==> flow/design.v <==
module core_addsub_n #(
  parameter BITS = 6
) (
  input logic clock,
  input logic aresetn,
  input logic valid,
  input logic [BITS-1:0] src1,
  input logic [BITS-1:0] src2,
  output logic [BITS-1:0] q
);
  logic [BITS-1:0] r_src1;
  logic [BITS-1:0] r_src2;
  logic [BITS:0] r_t;
  always_ff @(posedge clock or negedge aresetn) begin
    if (~aresetn) begin
      r_src1 <= 0;
      r_src2 <= 0;
      r_t <= 0;
      q <= 0;
    end else if (valid) begin
      r_src1 <= src1;
      r_src2 <= src2;
      r_t <= r_src1 - r_src2;
      q <= r_t[BITS] ? {BITS{1'b0}} : r_t[BITS-1:0];
    end
  end
endmodule
Step by step through the tools: core_addsub_n --
What the tools print for core_addsub_n, step after step. Line numbers count from 1 in the design file above. Operators: Yosys type, input widths -> output width; for muxes data width and select width s. Library cell names are shortened. A cell with -- has no value.
Inputs: top core_addsub_n, clock port clock, library sky130hd, corner tt_025C_1v80

Word-level counts --
Source: Yosys, flattened and elaborated, memories not mapped. Widths are those after wreduce; folded enables and synchronous resets count as part of the registers. Registers that Yosys merges into a memory's read port (data or address) are not register bits. Print and check cells do not count. Equal cells are merged and count once.
Operators by class: add/subtract/negate cells 1, multiplexer cells 1
Operators with widths (count):
- $sub 6x6->7 | 1
- $mux 6 | 1
Word-level totals: register bits after elaboration 25, bits of input ports 15, output and inout bits 6, cells after elaboration 6

Logic depth --
Yosys ltp: most cells in a row. Word level: on the elaborated netlist, between registers, memories and ports. Mapped: between sequential cells and ports; inverters and the memories' decode and read muxes count.
Logic depth: word-level depth 1, ABC_AREA 0, mapped depth 8

Synthesis result --
Yosys stat after the flow's synthesis: flattened, memories mapped to cells. It holds for the ABC_AREA given above (unset counts as 0); a run with the other value may have another netlist. The area totals of this step are shown rounded.
Cells by type:
- dfrtp_1 | count 25, area in all 625.6 um^2
- mux2_2 | count 9, area in all 101.347 um^2
- ha_1 | count 6, area in all 75.072 um^2
- o21ai_0 | count 12, area in all 60.058 um^2
- inv_1 | count 14, area in all 52.55 um^2
- nand3b_1 | count 5, area in all 37.536 um^2
- a21oi_1 | count 6, area in all 30.029 um^2
- nand2_1 | count 8, area in all 30.029 um^2
- o31ai_1 | count 3, area in all 22.522 um^2
- fa_1 | count 1, area in all 20.019 um^2
- xnor2_1 | count 2, area in all 17.517 um^2
- a221o_1 | count 1, area in all 10.01 um^2
- buf_2 | count 2, area in all 10.01 um^2
- mux2i_1 | count 1, area in all 10.01 um^2
- o211a_1 | count 1, area in all 10.01 um^2
- nand4b_1 | count 1, area in all 8.758 um^2
- o311ai_0 | count 1, area in all 8.758 um^2
- a21o_1 | count 1, area in all 7.507 um^2
Other cell types: 7; their cells: 8.
Synthesis totals: cells in the netlist 107, synthesis area 1180 um^2, area of sequential cells 626 um^2, mapped flip-flops 25, buffer cells 4

Path before layout --
Path of least setup slack by OpenSTA after synthesis, without wires, with an ideal clock, recovery checks aside; 20% of the period is set as input and as output delay. Where synthesis merged equal registers, the netlist keeps one of their names.
Timing post-synthesis: kind flip-flop to flip-flop, from register r_src1[0], to register r_t[6], clock period 2230 ps, library setup time 64 ps, launch time at the first pin 0 ps, data arrival time 1717 ps, slack 448 ps, path delay 1781 ps, stages on the path 9, period reached after synthesis 1782 ps
"path delay" = arrival - input delay + setup time. "stages on the path": output pins that drive a net of the path, with the launching flip-flop's if there is one; two outputs of one cell count as two. "period reached after synthesis" = period - worst setup slack (recovery checks aside). The figure is calculated, with input and output delays left at 20% of the set period. Between the ends stands the longest chain of elaborated cells between them, by number of cells; it is not shown to be the way that was timed. Of several equally long chains one is given. A line is the first line of the expression or statement that the cell stems from. Yosys adds cells for indexed reads and writes and turns some case tables into memories.
On the way, post-synthesis: cells stage by stage dfrtp_1 -> inv_1 -> ha_1 -> inv_1 -> fa_1 -> a21o_1 -> a221o_1 -> a21oi_1 -> mux2_2, length of the longest elaborated chain 1
RTL lines, path post-synthesis:
- start: declaration | line 11 | logic [BITS-1:0] r_src1;
- start: assignment | line 16 | r_src1 <= 0;
- start: assignment | line 21 | r_src1 <= src1;
- $sub 6x6->7 | line 23 | r_t <= r_src1 - r_src2;
- end: assignment | line 18 | r_t <= 0;
- end: assignment | line 23
- end: declaration | line 13 | logic [BITS:0] r_t;

Worst path after layout --
From the final timing report of run A: the path of least setup slack in the routed layout; clock arrival at registers is part of the times. The path's times are printed in steps of 10 ps; the period is the one set.
Timing after layout: kind flip-flop to flip-flop, from register r_src1[0], to register r_t[6], clock period 2230 ps, library setup time 50 ps, launch time at the first pin 310 ps, data arrival time 2170 ps, slack 340 ps, stages on the path 9
Between the ends stands the longest chain of elaborated cells between them, by number of cells; it is not shown to be the way that was timed. Of several equally long chains one is given.
On the way, after layout: cells stage by stage dfrtp_1 -> inv_1 -> ha_1 -> inv_1 -> fa_1 -> a21o_1 -> a221o_1 -> a21oi_1 -> mux2_2, length of the longest elaborated chain 1
RTL lines, path after layout:
- start: declaration | line 11 | logic [BITS-1:0] r_src1;
- start: assignment | line 16 | r_src1 <= 0;
- start: assignment | line 21 | r_src1 <= src1;
- $sub 6x6->7 | line 23 | r_t <= r_src1 - r_src2;
- end: assignment | line 18 | r_t <= 0;
- end: assignment | line 23
- end: declaration | line 13 | logic [BITS:0] r_t;

Subject: flow runs of core_addsub_n

Hi,

Below are 3 stored runs of the flow (Yosys, OpenROAD; platform sky130hd) on core_addsub_n, each with its settings and what was measured, unordered. Constraints: input delay and output delay 20% of the set period each, output load 0.01 pF.
By "achieved clock period" is meant the clock period of the run minus its worst setup slack. This is arithmetic on one report: input and output delays are still those of the set period (20% each).
"total power of the final layout" is the tool's figure for a default switching activity; nothing was simulated.
Results are given in rounded form.

[run A] flow files
==> flow/run.sh <==
#!/bin/bash
# the make line also repeats the synthesis and layout settings of config.mk as NAME=value (left out here)
make -C /OpenROAD-flow-scripts/flow DESIGN_CONFIG=/design/flow/config.mk WORK_HOME=/design/flow/orfs CLKGATE_MAP_FILE= finish
==> flow/config.mk <==
export PLATFORM = sky130hd
export DESIGN_NAME = core_addsub_n
export DESIGN_NICKNAME = core_addsub_n
export VERILOG_FILES = /design/flow/design.v
export SDC_FILE = /design/flow/constraint.sdc
export NUM_CORES = 4
export LEC_CHECK = 0
export CAP_MARGIN = 20
export CORE_MARGIN = 2
export CORE_UTILIZATION = 40
export SLEW_MARGIN = 20
==> flow/constraint.sdc <==
create_clock -name core_clock -period 2.23 [get_ports {clock}]
set_input_delay 0.4460 -clock core_clock [delete_from_list [all_inputs] [get_ports {clock}]]
set_output_delay 0.4460 -clock core_clock [all_outputs]
set_load 0.01 [all_outputs]

[run A] result: area of the synthesized netlist 1180 um^2; die footprint 3400 um^2; standard-cell area after layout 1440 um^2; setup slack of the critical path 336 ps; post-route setup TNS 0 ps; total power of the final layout 0.0011 W; achieved clock period 1894 ps

[run B] flow files
==> flow/run.sh <==
#!/bin/bash
# the make line also repeats the synthesis and layout settings of config.mk as NAME=value (left out here)
make -C /OpenROAD-flow-scripts/flow DESIGN_CONFIG=/design/flow/config.mk WORK_HOME=/design/flow/orfs CLKGATE_MAP_FILE= finish
==> flow/config.mk <==
export PLATFORM = sky130hd
export DESIGN_NAME = core_addsub_n
export DESIGN_NICKNAME = core_addsub_n
export VERILOG_FILES = /design/flow/design.v
export SDC_FILE = /design/flow/constraint.sdc
export NUM_CORES = 4
export LEC_CHECK = 0
export CAP_MARGIN = 20
export CORE_MARGIN = 2
export CORE_UTILIZATION = 18
export GPL_ROUTABILITY_DRIVEN = 1
export GPL_TIMING_DRIVEN = 1
export MAX_ROUTING_LAYER = met4
export PLACE_DENSITY_LB_ADDON = 0.09
export SLEW_MARGIN = 20
==> flow/constraint.sdc <==
create_clock -name core_clock -period 1.09 [get_ports {clock}]
set_input_delay 0.2180 -clock core_clock [delete_from_list [all_inputs] [get_ports {clock}]]
set_output_delay 0.2180 -clock core_clock [all_outputs]
set_load 0.01 [all_outputs]

[run B] result: area of the synthesized netlist 1180 um^2; die footprint 7210 um^2; standard-cell area after layout 1750 um^2; setup slack of the critical path -707 ps; post-route setup TNS -2890 ps; total power of the final layout 0.00263 W; achieved clock period 1797 ps

[run C] flow files
==> flow/run.sh <==
#!/bin/bash
# the make line also repeats the synthesis and layout settings of config.mk as NAME=value (left out here)
make -C /OpenROAD-flow-scripts/flow DESIGN_CONFIG=/design/flow/config.mk WORK_HOME=/design/flow/orfs CLKGATE_MAP_FILE= finish
==> flow/config.mk <==
export PLATFORM = sky130hd
export DESIGN_NAME = core_addsub_n
export DESIGN_NICKNAME = core_addsub_n
export VERILOG_FILES = /design/flow/design.v
export SDC_FILE = /design/flow/constraint.sdc
export NUM_CORES = 4
export LEC_CHECK = 0
export CAP_MARGIN = 20
export CELL_PAD_IN_SITES_DETAIL_PLACEMENT = 2
export CORE_MARGIN = 10
export CORE_UTILIZATION = 31
export HOLD_SLACK_MARGIN = -0.06
export PLACE_DENSITY = 0.6
export SLEW_MARGIN = 20
==> flow/constraint.sdc <==
create_clock -name core_clock -period 1.11 [get_ports {clock}]
set_input_delay 0.2220 -clock core_clock [delete_from_list [all_inputs] [get_ports {clock}]]
set_output_delay 0.2220 -clock core_clock [all_outputs]
set_load 0.01 [all_outputs]

[run C] result: area of the synthesized netlist 1180 um^2; die footprint 6670 um^2; standard-cell area after layout 1850 um^2; setup slack of the critical path -780 ps; post-route setup TNS -3510 ps; total power of the final layout 0.00284 W; achieved clock period 1890 ps

Regards
